==> flow/design.v <==
module sel_unit_v2 #(
   parameter XLEN = 16,
   parameter N = 32,
   parameter LG = $clog2(N)
) (
   input  clk_i,
   input  rst,
   input  enable,
   input  [N*XLEN-1:0] i_din,
   input  [LG-1:0] i_addr,
   output reg [XLEN-1:0] o_data_out
);
   reg [N*XLEN-1:0] din_ff;
   always @(posedge clk_i or posedge rst) begin
      if (rst) begin
         din_ff <= 0;
      end else if (enable) begin
         din_ff <= i_din;
      end
   end
   reg [LG-1:0] addr_ff;
   always @(posedge clk_i or posedge rst) begin
      if (rst) begin
         addr_ff <= 0;
      end else if (enable) begin
         addr_ff <= i_addr;
      end
   end
   localparam H = N / 2;
   reg [XLEN-1:0] lsb_ff;
   always @(posedge clk_i or posedge rst) begin
      if (rst) begin
         lsb_ff <= 0;
      end else if (enable) begin
         lsb_ff <= din_ff[addr_ff[LG-2:0]*XLEN +: XLEN];
      end
   end
   reg [XLEN-1:0] msb_ff;
   always @(posedge clk_i or posedge rst) begin
      if (rst) begin
         msb_ff <= 0;
      end else if (enable) begin
         msb_ff <= din_ff[(H + addr_ff[LG-2:0])*XLEN +: XLEN];
      end
   end
   reg addr_ff_d;
   always @(posedge clk_i or posedge rst) begin
      if (rst) begin
         addr_ff_d <= 1'b0;
      end else if (enable) begin
         addr_ff_d <= addr_ff[LG-1];
      end
   end
   always @(posedge clk_i or posedge rst) begin
      if (rst) begin
         o_data_out <= 0;
      end else if (enable) begin
         o_data_out <= addr_ff_d ? msb_ff : lsb_ff;
      end
   end
endmodule
# ---- Step by step through the tools: sel_unit_v2
# What the tools print for sel_unit_v2, step after step.
# Lines are those of the file above, counted from 1.
# Operators: Yosys type, input widths -> output width; for muxes data width and select width s.
# Library cell names are shortened.
# A cell with -- has no value.
dict set report inputs {
  top_module {sel_unit_v2}
  clock {clk_i}
  cell_library {sky130hd}
  pvt_corner {tt_025C_1v80}
}

# ---- After elaboration
# Source: Yosys, flattened and elaborated, memories not mapped. Widths are those after wreduce; folded enables and synchronous resets count as part of the registers. Registers that Yosys merges into a memory's read port (data or address) are not register bits. Print and check cells do not count. Equal cells are merged and count once.
dict set report op_classes {
  mux 1
  add_sub_neg 1
  shift 2
}
# cell count
set op_table {}
lappend op_table {{$shiftx 512x11->16} 1}
lappend op_table {{$shiftx 512x9->16} 1}
lappend op_table {{$mux 16} 1}
lappend op_table {{$add 5x4->6 const A} 1}
dict set report bits {
  wordCells 10
  ff_bits 566
  input_bits 520
}

# ---- Longest topological paths
# Yosys ltp: most cells in a row. Word level: on the elaborated netlist, between registers, memories and ports. Mapped: between sequential cells and ports; inverters and the memories' decode and read muxes count.
dict set report depth {
  word_depth 2
  ABC_AREA 1
  mapped_depth 12
}

# ---- Synthesis result
# Source: synth_stat.txt of the flow (Yosys; design flattened, memories mapped). It holds for the ABC_AREA given above (unset counts as 0); a run with the other value may have another netlist.
# cell count type_area_um2
set by_type {}
lappend by_type {dfrtp_1 566 1.42E+04}
lappend by_type {nand2_1 2328 8.74E+03}
lappend by_type {nand3_1 384 1.92E+03}
lappend by_type {buf_2 95 475.456}
lappend by_type {buf_6 36 405.389}
lappend by_type {clkbuf_1 79 296.534}
lappend by_type {o21ai_0 37 185.178}
lappend by_type {buf_4 10 75.072}
lappend by_type {nor2_1 16 60.058}
lappend by_type {buf_8 3 45.043}
lappend by_type {buf_1 10 37.536}
lappend by_type {buf_12 1 20.019}
lappend by_type {inv_1 5 18.768}
lappend by_type {inv_6 1 8.758}
lappend by_type {clkinv_1 1 3.754}
dict set report synth_totals {
  buf_cells 234
  mapped_area_mm2 0.0264554
  flip_flops 566
  mapped_cells 3572
  sequential_area_mm2 0.0141636
}

# ---- Path before layout
# Path of least setup slack by OpenSTA after synthesis, without wires, with an ideal clock, recovery checks aside; 20% of the period is set as input and as output delay. Where synthesis merged equal registers, the netlist keeps one of their names.
dict set report synth_path {
  path_type {reg-to-reg}
  from {register addr_ff[0]}
  to {register msb_ff[2]}
  arrival_time_ns 1.183
  setup_slack_ns 0.690
  path_buffers 3
  path_stages 12
  period_ns 1.99
  delay_ns 1.300
  period_less_setup_slack_ns 1.3
}
# "delay_ns" = arrival - input delay + setup time.
# "path_stages" counts driving pins, that of a launching flip-flop among them; a cell with two outputs on the path counts twice.
# "period_less_setup_slack_ns" is the clock period less the worst setup slack; recovery checks do not enter. This is arithmetic on one report: input and output delays are still those of the set period (20% each).
# Between the ends stands the longest chain of elaborated cells between them, by number of cells; it is not shown to be the way that was timed. Of several equally long chains one is given.
# A line is the first line of the expression or statement that the cell stems from. Yosys adds cells for indexed reads and writes and turns some case tables into memories.
dict set report synth_via {
  path_cell_list {dfrtp_1 -> buf_6 -> buf_8 -> buf_2 -> nand2_1 -> nand3_1 -> nand3_1 -> nand2_1 -> nand2_1 -> nand2_1 -> nand2_1 -> nand2_1}
  elab_chain_cells 2
}
# item line_no
set synth_rtl {}
lappend synth_rtl {{start: declaration} 21} ;# reg [LG-1:0] addr_ff;
lappend synth_rtl {{start: assignment} 24} ;# addr_ff <= 0;
lappend synth_rtl {{start: assignment} 26} ;# addr_ff <= i_addr;
lappend synth_rtl {{$add 5x4->6} 43} ;# msb_ff <= din_ff[(H + addr_ff[LG-2:0])*XLEN +: XLEN];
lappend synth_rtl {{$shiftx 512x11->16} 43}
lappend synth_rtl {{end: assignment} 41} ;# msb_ff <= 0;
lappend synth_rtl {{end: assignment} 43}
lappend synth_rtl {{end: declaration} 38} ;# reg [XLEN-1:0] msb_ff;

# ---- Worst path after layout
# From the final timing report of run A: the path of least setup slack in the routed layout; clock arrival at registers is part of the times.
dict set report layout_path {
  path_type {reg-to-reg}
  from {register addr_ff[0]}
  to {register lsb_ff[0]}
  path_stages 13
  period_ns 2.03
  arrival_time_ns 2.40
  setup_slack_ns 0.16
  path_buffers 3
}
# Between the ends stands the longest chain of elaborated cells between them, by number of cells; it is not shown to be the way that was timed. Of several equally long chains one is given.
dict set report layout_via {
  path_cell_list {dfrtp_1 -> buf_12 -> clkinv_16 -> buf_16 -> buf_12 -> nand2_1 -> nand3_2 -> nand3_2 -> nand2_1 -> nand2_1 -> nand2_1 -> nand2_1 -> nand2_1}
  elab_chain_cells 1
}
# item line_no
set layout_rtl {}
lappend layout_rtl {{start: declaration} 21} ;# reg [LG-1:0] addr_ff;
lappend layout_rtl {{start: assignment} 24} ;# addr_ff <= 0;
lappend layout_rtl {{start: assignment} 26} ;# addr_ff <= i_addr;
lappend layout_rtl {{$shiftx 512x9->16} 35} ;# lsb_ff <= din_ff[addr_ff[LG-2:0]*XLEN +: XLEN];
lappend layout_rtl {{end: assignment} 33} ;# lsb_ff <= 0;
lappend layout_rtl {{end: assignment} 35}
lappend layout_rtl {{end: declaration} 30} ;# reg [XLEN-1:0] lsb_ff;

; Record of 2 stored runs of the RTL-to-layout flow on sel_unit_v2, platform sky130hd. The runs are unordered. Constraints: input delay and output delay 20% of the set period each, output load 0.01 pF.
; "timing.achieved_period_ns" = clock period - worst setup slack. The figure is calculated, with input and output delays left at 20% of the set period.
; "timing.worst_path_ns" means the part of the period allowed to the worst setup path (the constraints hold back 20% at inputs and 20% at outputs) less its slack; where the path has registers, the arrival times of their clocks count too.
; "power_w" is the tool's figure for a default switching activity; nothing was simulated.

[run A: settings]
period_ns = 2.03
CORE_UTILIZATION = 22
SETUP_SLACK_MARGIN = 0.19
PLACE_DENSITY_LB_ADDON = 0.13
CORE_ASPECT_RATIO = 0.65
CORE_MARGIN = 8
CELL_PAD_IN_SITES_DETAIL_PLACEMENT = 2
ABC_AREA = 1
GPL_TIMING_DRIVEN = 0
CTS_CLUSTER_DIAMETER = 325
MIN_ROUTING_LAYER = met1
CAP_MARGIN = 20
SLEW_MARGIN = 20
[run A: results]
total_die_area_mm2 = 0.131862
worstSetupSlack_ns = 0.161
finalCellArea_mm2 = 0.0391588
synthesis_area_mm2 = 0.0264554
timing.achieved_period_ns = 1.869
timing.worst_path_ns = 1.87
worst_path_kind = reg-to-reg
post_route_util_pct = 32.9
power_w = 0.033678
final_setup_tns_ns = 0.000

[run B: settings]
period_ns = 1.99
CAP_MARGIN = 20
CORE_MARGIN = 2
CORE_UTILIZATION = 40
SLEW_MARGIN = 20
[run B: results]
total_die_area_mm2 = 0.0645058
worstSetupSlack_ns = 0.048
finalCellArea_mm2 = 0.0341728
synthesis_area_mm2 = 0.0249965
timing.achieved_period_ns = 1.942
timing.worst_path_ns = 1.94
worst_path_kind = reg-to-reg
post_route_util_pct = 55.4
power_w = 0.031733
final_setup_tns_ns = 0.000
